==> flow/design.v <==
module times #(
    parameter DW = 6,
    parameter G = 2
) (
    input  logic clk,
    input  logic [DW-1:0] opa,
    input  logic [DW-1:0] opb,
    input  logic load,
    output logic [2*DW+G-1:0] mul
);
    logic [DW-1:0] r_opa;
    logic [DW-1:0] r_opb;
    logic r_load;
    logic [2*DW-1:0] r_cur;
    logic r_load_d;
    logic [2*DW+G-1:0] acc;
    always_ff @(posedge clk) begin
        r_opa <= opa;
        r_opb <= opb;
        r_load <= load;
        r_cur <= r_opa * r_opb;
        r_load_d <= r_load;
        acc <= r_load_d ? r_cur : acc + r_cur;
    end
    assign mul = acc;
endmodule
Memo
Re: synthesis data of times

**From RTL to reports: times**

Module times in several versions that differ in "DW"; each step lists the members.
The RTL above is that of DW=6; lines are counted from 1 in the file of the member named.
Cell names lack the library's common part.
Not given: --

- Top: times
- Clock port: clk
- Library: sky130hd
- Library corner: tt_025C_1v80

**Source of the members**

New or changed lines of each further member against the RTL above, in its own file; lines it lacks are not shown.

New or changed lines:

| DW | line | text |
|---|---|---|
| 7 | 2 | `parameter DW = 7,` |
| 8 | 2 | `parameter DW = 8,` |
| 12 | 2 | `parameter DW = 12,` |
| 16 | 2 | `parameter DW = 16,` |
| 28 | 2 | `parameter DW = 28,` |

**Word-level counts**

Source: Yosys, flattened and elaborated, memories not mapped. Widths are those after wreduce; folded enables and synchronous resets count as part of the registers. Registers that Yosys merges into a memory's read port (data or address) are not register bits. Print and check cells do not count. Equal cells are merged and count once.

Storage and ports:

| DW | elaborated cells | output and inout bits | register bits |
|---|---|---|---|
| 6 | 10 | 14 | 40 |
| 7 | 10 | 16 | 46 |
| 8 | 10 | 18 | 52 |
| 12 | 10 | 26 | 76 |
| 16 | 10 | 34 | 100 |
| 28 | 10 | 58 | 172 |

Operators by class:

| DW | add/subtract/negate cells | multiply operators | mux-type cells |
|---|---|---|---|
| 6 | 1 | 1 | 1 |
| 7 | 1 | 1 | 1 |
| 8 | 1 | 1 | 1 |
| 12 | 1 | 1 | 1 |
| 16 | 1 | 1 | 1 |
| 28 | 1 | 1 | 1 |

Operators with widths:

| DW | kinds with counts |
|---|---|
| 6 | 1 x multiplier 6 x 6 -> 12 bit; 1 x adder 14 x 12 -> 14 bit; 1 x two-way mux 12 bit |
| 7 | 1 x multiplier 7 x 7 -> 14 bit; 1 x adder 16 x 14 -> 16 bit; 1 x two-way mux 14 bit |
| 8 | 1 x multiplier 8 x 8 -> 16 bit; 1 x adder 18 x 16 -> 18 bit; 1 x two-way mux 16 bit |
| 12 | 1 x multiplier 12 x 12 -> 24 bit; 1 x adder 26 x 24 -> 26 bit; 1 x two-way mux 24 bit |
| 16 | 1 x multiplier 16 x 16 -> 32 bit; 1 x adder 34 x 32 -> 34 bit; 1 x two-way mux 32 bit |
| 28 | 1 x multiplier 28 x 28 -> 56 bit; 1 x adder 58 x 56 -> 58 bit; 1 x two-way mux 56 bit |

**Longest topological paths**

Depth = most cells in a row (Yosys ltp): at word level without a register or memory, in the mapped netlist without a sequential cell, where the memories' decode and read muxes count.

Logic depth:

| DW | word-level depth | ABC_AREA | depth in mapped cells |
|---|---|---|---|
| 6 | 2 | 0 | 12 |
| 7 | 2 | 0 | 16 |
| 8 | 2 | 0 | 16 |
| 12 | 2 | 0 | 21 |
| 16 | 2 | 0 | 24 |
| 28 | 2 | 0 | 28 |

**After synthesis**

Source: synth_stat.txt of the flow (Yosys; design flattened, memories mapped). It holds for the ABC_AREA given above (unset counts as 0); a run with the other value may have another netlist.

Mapped netlist:

| DW | buffer cells | synthesis area (µm²) | standard cells after synthesis | sequential part of the area (µm²) | flip-flop cells |
|---|---|---|---|---|---|
| 6 | 4 | 2,593.7 | 275 | 800.8 | 40 |
| 7 | 4 | 3,368.2 | 349 | 920.9 | 46 |
| 8 | 5 | 4,197.8 | 455 | 1,041.0 | 52 |
| 12 | 38 | 7,768.7 | 869 | 1,521.5 | 76 |
| 16 | 59 | 12,778.5 | 1,428 | 2,001.9 | 100 |
| 28 | 233 | 33,578.5 | 3,851 | 3,443.3 | 172 |

Cell types:

| DW | type and count |
|---|---|
| 6 | 40 x dfxtp_1; 32 x ha_1; 18 x fa_1; 24 x and2_1; 32 x nand2_1; 26 x inv_1; 7 x xnor2_1; 12 x a21oi_1; 15 x nor2_1; 11 x o21ai_0; 7 x a21o_1; 5 x xor2_1; 6 x nor3_1; 1 x a41oi_4; 3 x a211oi_1; 2 x mux2_2; 3 x nor2b_1; 3 x o22ai_1; [+28] |
| 7 | 46 x dfxtp_1; 46 x ha_1; 25 x fa_1; 33 x and2_1; 39 x inv_1; 35 x nand2_1; 12 x xnor2_1; 18 x a21oi_1; 7 x xor2_1; 11 x o21ai_0; 6 x o21a_1; 10 x nor2_1; 5 x o21ai_1; 3 x a21o_1; 2 x mux2_2; 1 x a211oi_4; 2 x mux2i_1; 4 x nand3_1; [+44] |
| 8 | 52 x dfxtp_1; 37 x fa_1; 52 x ha_1; 56 x and2_1; 62 x inv_1; 36 x nand2_1; 10 x xnor2_1; 15 x a21oi_1; 17 x nor2_1; 7 x xor2_1; 12 x o21ai_1; 7 x a211oi_1; 7 x a21o_1; 8 x nor2b_1; 10 x o21ai_0; 5 x o21a_1; 4 x o31ai_1; 5 x nand3_1; [+53] |
| 12 | 101 x fa_1; 76 x dfxtp_1; 86 x ha_1; 140 x inv_1; 119 x nand2_1; 64 x and2_1; 24 x xnor2_1; 39 x o21ai_0; 24 x a21o_1; 35 x a21oi_1; 14 x xor2_1; 30 x clkbuf_1; 25 x nor2_1; 8 x nand4_1; 4 x buf_6; 7 x a31oi_1; 8 x nand3_1; 6 x nand2b_1; [+59] |
| 16 | 195 x fa_1; 100 x dfxtp_1; 136 x ha_1; 241 x inv_1; 209 x nand2_1; 116 x and2_1; 36 x xnor2_1; 59 x a21oi_1; 51 x o21ai_0; 32 x a21o_1; 52 x clkbuf_1; 21 x xor2_1; 21 x nor2_1; 12 x nand4_1; 12 x nor2b_1; 14 x nand3_1; 9 x o21bai_1; 10 x a31oi_1; [+102] |
| 28 | 675 x fa_1; 172 x dfxtp_1; 266 x ha_1; 806 x inv_1; 395 x and2_1; 536 x nand2_1; 227 x clkbuf_1; 122 x a21oi_1; 106 x o21ai_0; 54 x xnor2_1; 61 x a21o_1; 83 x nor2_1; 35 x xor2_1; 27 x o21bai_1; 32 x nand4_1; 33 x nand3_1; 17 x o21a_1; 16 x a211oi_1; [+188] |

The mark [+n] counts cells that are not listed.

**Worst setup path after synthesis**

Path of least setup slack by OpenSTA after synthesis, without wires, with an ideal clock, recovery checks aside; 20% of the period is set as input and as output delay. Where synthesis merged equal registers, the netlist keeps one of their names.

Timing path post-synthesis:

| DW | path kind | start point | end point | driving pins on the path | clock period (ps) | path delay (ps) | setup slack (ps) | synthesis period reached (ps) |
|---|---|---|---|---|---|---|---|---|
| 6 | flip-flop to flip-flop | register r_opb[2] | register r_cur[11] | 13 | 4,070 | 3,252 | 818 | 3,252 |
| 7 | flip-flop to flip-flop | register r_opa[3] | register r_cur[13] | 17 | 5,050 | 4,037 | 1,013 | 4,037 |
| 8 | flip-flop to flip-flop | register r_opb[7] | register r_cur[13] | 15 | 5,010 | 4,005 | 1,005 | 4,005 |
| 12 | flip-flop to flip-flop | register r_opb[3] | register r_cur[19] | 20 | 6,240 | 4,991 | 1,250 | 4,990 |
| 16 | flip-flop to flip-flop | register r_opb[1] | register r_cur[30] | 23 | 7,320 | 5,859 | 1,461 | 5,859 |
| 28 | flip-flop to flip-flop | register r_opb[4] | register r_cur[48] | 27 | 8,730 | 6,982 | 1,749 | 6,981 |

"path delay" = arrival - input delay + setup time.
"driving pins on the path" counts driving pins, that of a launching flip-flop among them; a cell with two outputs on the path counts twice.
"synthesis period reached" is the clock period less the worst setup slack; recovery checks do not enter. This is arithmetic on one report: input and output delays are still those of the set period (20% each).
The rows between start and end are the longest chain of elaborated cells between them; the timing report does not say that the signal goes this way. Where chains are equally long, one stands for them.
Each line given opens the expression or statement behind the cell; cells for indexed reads and writes are added by Yosys, which also makes memories of some case tables.

Between the ends, post-synthesis, DW=6:
- Length of the longest elaborated chain: 1

Ends and longest elaborated chain, post-synthesis, DW=6:

| item | line | text |
|---|---|---|
| from (decl) | 12 | `logic [DW-1:0] r_opb;` |
| from (assign) | 19 | `r_opb <= opb;` |
| multiplier 6 x 6 -> 12 bit | 21 | `r_cur <= r_opa * r_opb;` |
| to (assign) | 21 |  |
| to (decl) | 14 | `logic [2*DW-1:0] r_cur;` |

Between the ends, post-synthesis, DW=28:
- Length of the longest elaborated chain: 1

Ends and longest elaborated chain, post-synthesis, DW=28:

| item | line | text |
|---|---|---|
| from (decl) | 12 | `logic [DW-1:0] r_opb;` |
| from (assign) | 19 | `r_opb <= opb;` |
| multiplier 28 x 28 -> 56 bit | 21 | `r_cur <= r_opa * r_opb;` |
| to (assign) | 21 |  |
| to (decl) | 14 | `logic [2*DW-1:0] r_cur;` |

**Worst path after layout**

From the final timing report of the run of each member: the path of least setup slack in the routed layout; clock arrival at registers is part of the times.
The path's times are printed in steps of 10 ps; the period is the one set.

Timing path after layout:

| DW | path kind | start point | end point | data arrival time (ps) | driving pins on the path | path buffers | setup slack (ps) | clock period (ps) |
|---|---|---|---|---|---|---|---|---|
| 6 | flip-flop to flip-flop | register r_opb[2] | register r_cur[11] | 3,620 | 13 | 0 | 670 | 4,070 |
| 7 | flip-flop to flip-flop | register r_opa[3] | register r_cur[13] | 4,470 | 17 | 0 | 820 | 5,050 |
| 8 | flip-flop to flip-flop | register r_opb[7] | register r_cur[13] | 4,420 | 15 | 0 | 750 | 5,010 |
| 12 | flip-flop to flip-flop | register r_opb[6] | register r_cur[19] | 5,700 | 20 | 0 | 820 | 6,240 |
| 16 | flip-flop to flip-flop | register r_opb[8] | register r_cur[31] | 6,580 | 22 | 0 | 1,030 | 7,320 |
| 28 | flip-flop to flip-flop | register r_opb[5] | register r_cur[55] | 8,150 | 26 | 0 | 930 | 8,730 |

**Flow runs**

Settings and results of one run of the flow (Yosys, OpenROAD) for each member follow. The constraints put input and output delay at 20% of the set period each and load the outputs with 0.01 pF.

- CAP_MARGIN: 20
- CORE_MARGIN: 2
- CORE_UTILIZATION: 40
- SLEW_MARGIN: 20

Settings by member:

| DW | period_ns |
|---|---|
| 6 | 4.07 |
| 7 | 5.05 |
| 8 | 5.01 |
| 12 | 6.24 |
| 16 | 7.32 |
| 28 | 8.73 |

Results:

| DW | final setup TNS (ps) | reached clock period (ps) | post-synthesis cell area (µm²) | total die area (µm²) | smallest setup slack (ps) | worst hold slack in the final report (ps) | final utilization | standard-cell area after layout (µm²) |
|---|---|---|---|---|---|---|---|---|
| 6 | 0 | 3,401 | 2,593.7 | 7,144.5 | 669 | 315 | 0.481 | 3,037.9 |
| 7 | 0 | 4,232 | 3,368.2 | 9,170.9 | 818 | 342 | 0.477 | 3,900.0 |
| 8 | 0 | 4,255 | 4,197.8 | 11,329.5 | 755 | 334 | 0.466 | 4,788.3 |
| 12 | 0 | 5,421 | 7,768.7 | 20,552.1 | 819 | 327 | 0.46 | 8,694.6 |
| 16 | 0 | 6,294 | 12,778.5 | 33,392.1 | 1,026 | 329 | 0.446 | 14,033.5 |
| 28 | 0 | 7,798 | 33,578.5 | 86,280.3 | 932 | 330 | 0.435 | 36,317.3 |

By "reached clock period" is meant the clock period of the run minus its worst setup slack. This is arithmetic on one report: input and output delays are still those of the set period (20% each).
